==> flow/design.v <==
module subtractor_top (ck, i_rst, x, y, diff, borrow);
  parameter DW = 32;
  input ck;
  input i_rst;
  input [DW-1:0] x;
  input [DW-1:0] y;
  output [DW-1:0] diff;
  output borrow;
  wire [DW:0] work;
  assign work = {1'b0, x} - {1'b0, y};
  reg [DW-1:0] r_diff;
  always @(posedge ck) begin
    if (i_rst) begin
      r_diff <= 0;
    end else begin
      r_diff <= work[DW-1:0];
    end
  end
  assign diff = r_diff;
  reg r_borrow;
  always @(posedge ck) begin
    if (i_rst) begin
      r_borrow <= 1'b0;
    end else begin
      r_borrow <= work[DW];
    end
  end
  assign borrow = r_borrow;
endmodule
Tool chain data of subtractor_top
What the tools print for subtractor_top, step after step.
Lines are those of the file above, counted from 1.
Operators carry their Yosys type and port widths (W data, S select, Z words).
Cell names lack the library's common part.
{"block": "setup", "design": "subtractor_top", "clk_port": "ck", "cell_library": "sky130hd", "pvt_corner": "tt_025C_1v80"}

Elaborated design
Source: Yosys, flattened and elaborated, memories not mapped. Widths are those after wreduce; folded enables and synchronous resets count as part of the registers. Registers that Yosys merges into a memory's read port (data or address) are not register bits. Print and check cells do not count. Equal cells are merged and count once.
{"block": "word_totals", "n_memories": 0, "ram_bits": 0, "regBits": 33, "out_inout_bits": 33, "romBits": 0, "clocked_rd_ports_x_width": 0, "latchBits": 0}
{"block": "op_classes", "n_mux": 0, "n_div": 0, "n_reduce_logical": 0, "add_sub_neg": 1, "n_cmp": 0, "n_mul": 0, "n_shift": 0, "bitwise": 0, "equal": 0}
{"block": "op_table", "cell": "$sub A32 B32 Y33", "count": 1}

Logic depth
Longest topological path by Yosys (ltp), each cell counted once; first at word level (registers and memories cut), then after technology mapping (sequential cells cut; the memories' decode and read muxes count).
{"block": "depth", "word_depth": 1, "ABC_AREA": 0, "ltp_mapped": 11, "depth_no_buf": 11}

Synthesis result
Source: synth_stat.txt of the flow (Yosys; design flattened, memories mapped). It holds for the ABC_AREA given above (unset counts as 0); a run with the other value may have another netlist.
{"block": "types", "type": "dfxtp_1", "count": 33, "area_total_um2": 660.634}
{"block": "types", "type": "ha_1", "count": 32, "area_total_um2": 400.384}
{"block": "types", "type": "nor2_1", "count": 49, "area_total_um2": 183.926}
{"block": "types", "type": "a21oi_1", "count": 30, "area_total_um2": 150.144}
{"block": "types", "type": "inv_1", "count": 37, "area_total_um2": 138.883}
{"block": "types", "type": "xnor2_1", "count": 13, "area_total_um2": 113.859}
{"block": "types", "type": "a21o_1", "count": 14, "area_total_um2": 105.101}
{"block": "types", "type": "nand2_1", "count": 27, "area_total_um2": 101.347}
{"block": "types", "type": "xor2_1", "count": 10, "area_total_um2": 87.584}
{"block": "types", "type": "buf_6", "count": 5, "area_total_um2": 56.304}
{"block": "types", "type": "mux2_1", "count": 5, "area_total_um2": 56.304}
{"block": "types", "type": "nor2b_1", "count": 9, "area_total_um2": 56.304}
{"block": "types", "type": "o21ai_0", "count": 11, "area_total_um2": 55.053}
{"block": "types", "type": "o21a_1", "count": 6, "area_total_um2": 45.043}
{"block": "types", "type": "nand4_1", "count": 6, "area_total_um2": 37.536}
{"block": "types", "type": "a31oi_1", "count": 5, "area_total_um2": 31.28}
{"block": "types", "type": "a211oi_1", "count": 4, "area_total_um2": 30.029}
{"block": "types", "type": "a31o_2", "count": 3, "area_total_um2": 26.275}
Not listed: further types 36, cells in them 56.
{"block": "synth_totals", "seq_area_um2": 660.6, "synth_area_um2": 2795.2, "n_buf": 14, "ff_cells": 33, "mapped_cells": 355}

Path before layout
Path of least setup slack by OpenSTA after synthesis, without wires, with an ideal clock, recovery checks aside; 20% of the period is set as input and as output delay. Where synthesis merged equal registers, the netlist keeps one of their names.
{"block": "synth_path", "path_type": "input to register", "start": "in x[0]", "end": "reg r_diff[30]", "clock_period_ns": 3.31, "slack_ns": 0.530, "arrival_ns": 2.651, "path_buffers": 0, "setup_ns": 0.129, "delay_ns": 2.118, "stages": 11, "required_time_ns": 3.181, "in_delay_ns": 0.662, "period_less_setup_slack_ns": 2.78}
"delay_ns" is the arrival time less input delay plus setup time.
"stages": output pins that drive a net of the path, with the launching flip-flop's if there is one; two outputs of one cell count as two.
"period_less_setup_slack_ns" is the clock period less the worst setup slack; recovery checks do not enter. This is arithmetic on one report: input and output delays are still those of the set period (20% each).
The rows between start and end are the longest chain of elaborated cells between them; the timing report does not say that the signal goes this way. Where chains are equally long, one stands for them.
Each line given opens the expression or statement behind the cell; cells for indexed reads and writes are added by Yosys, which also makes memories of some case tables.
{"block": "synth_via", "cell_sequence": "inv_1 -> ha_1 -> fa_1 -> nor2b_4 -> o31ai_2 -> a2111oi_0 -> or3_1 -> a31oi_1 -> o31ai_1 -> mux2i_1 -> o21ai_1", "elab_chain_cells": 1, "cone_cells": 1, "cone_lines": 1, "cone_classes": "add/sub: 1"}
{"block": "synth_lines", "element": "start: declaration", "line": 5, "source": "input [DW-1:0] x;"}
{"block": "synth_lines", "element": "$sub A32 B32 Y33", "line": 10, "source": "assign work = {1'b0, x} - {1'b0, y};"}
{"block": "synth_lines", "element": "end: assignment", "line": 14, "source": "r_diff <= 0;"}
{"block": "synth_lines", "element": "end: assignment", "line": 16, "source": "r_diff <= work[DW-1:0];"}
{"block": "synth_lines", "element": "end: declaration", "line": 11, "source": "reg [DW-1:0] r_diff;"}

Timing after layout
From the final timing report of record 1: the path of least setup slack in the routed layout; clock arrival at registers is part of the times.
{"block": "layout_path", "path_type": "input to register", "start": "in x[0]", "end": "reg r_diff[26]", "clock_period_ns": 3.31, "stages": 13, "slack_ns": 0.24, "in_delay_ns": 0.66, "path_buffers": 2, "arrival_ns": 3.23, "required_time_ns": 3.47, "setup_ns": 0.13}
The rows between start and end are the longest chain of elaborated cells between them; the timing report does not say that the signal goes this way. Where chains are equally long, one stands for them.
{"block": "layout_via", "cell_sequence": "clkdlybuf4s50_1 -> inv_1 -> ha_1 -> fa_1 -> nor2b_4 -> o31ai_2 -> a2111oi_1 -> or3_1 -> a31oi_1 -> buf_4 -> a21oi_1 -> xnor2_1 -> nor2_1", "elab_chain_cells": 1, "cone_cells": 1, "cone_lines": 1, "cone_classes": "add/sub: 1"}
{"block": "layout_lines", "element": "start: declaration", "line": 5, "source": "input [DW-1:0] x;"}
{"block": "layout_lines", "element": "$sub A32 B32 Y33", "line": 10, "source": "assign work = {1'b0, x} - {1'b0, y};"}
{"block": "layout_lines", "element": "end: assignment", "line": 14, "source": "r_diff <= 0;"}
{"block": "layout_lines", "element": "end: assignment", "line": 16, "source": "r_diff <= work[DW-1:0];"}
{"block": "layout_lines", "element": "end: declaration", "line": 11, "source": "reg [DW-1:0] r_diff;"}

Data sheet: physical implementation of subtractor_top

subtractor_top through Yosys and OpenROAD on sky130hd: 3 stored runs, unordered, with their settings and measured results. The constraints put input and output delay at 20% of the set period each and load the outputs with 0.01 pF.
"timing.achieved_period_ns": clock period set for the run, less the worst setup slack. It is reckoned from that one timing run; input and output delays stay at 20% of the period that was set.
"worst_path_time_ns" = time allowed to the worst setup path (clock period - input delay - output delay, where it has them) - its slack; a late launch clock adds to it, a late capture clock takes from it.
"design_power_mw": no workload was simulated; the value follows from the tool's default switching activity.

{"run": "record 1", "settings": { "period_ns": 3.31, "CAP_MARGIN": 20, "CORE_MARGIN": 2, "CORE_UTILIZATION": 40, "SLEW_MARGIN": 20 }, "results": { "final_cell_area_um2": 4126.5, "setup_worst_slack_ns": 0.244, "total_negative_slack_ns": 0.000, "dieArea_um2": 7672.9, "finish.utilization_pct": 60.7, "timing.achieved_period_ns": 3.066, "worst_path_time_ns": 2.40, "critical_path_kind": "input to register", "design_power_mw": 1.457, "synthesis_area_um2": 2795.2, "fin_hold_ws_ns": 1.016 }}
{"run": "record 2", "settings": { "period_ns": 2.18, "CORE_UTILIZATION": 45, "PLACE_DENSITY": 0.78, "CORE_ASPECT_RATIO": 0.67, "CORE_MARGIN": 6, "CELL_PAD_IN_SITES_DETAIL_PLACEMENT": 2, "TNS_END_PERCENT": 10, "ABC_AREA": 0, "SLEW_MARGIN": 0, "CAP_MARGIN": 20 }, "outcome": "unfinished; tool error in placement"}
{"run": "record 3", "settings": { "period_ns": 2.7, "CORE_UTILIZATION": 22, "SETUP_SLACK_MARGIN": -0.06, "PLACE_DENSITY_LB_ADDON": 0.21, "CELL_PAD_IN_SITES_GLOBAL_PLACEMENT": 2, "CELL_PAD_IN_SITES_DETAIL_PLACEMENT": 0, "TNS_END_PERCENT": 85, "CTS_CLUSTER_SIZE": 18, "CTS_CLUSTER_DIAMETER": 284, "CAP_MARGIN": 25, "CORE_MARGIN": 2, "SLEW_MARGIN": 20 }, "results": { "final_cell_area_um2": 5034.8, "setup_worst_slack_ns": 0.029, "total_negative_slack_ns": 0.000, "dieArea_um2": 13623.6, "finish.utilization_pct": 40.2, "timing.achieved_period_ns": 2.671, "worst_path_time_ns": 2.13, "critical_path_kind": "input to register", "design_power_mw": 2.178, "synthesis_area_um2": 2795.2, "fin_hold_ws_ns": 0.710 }}
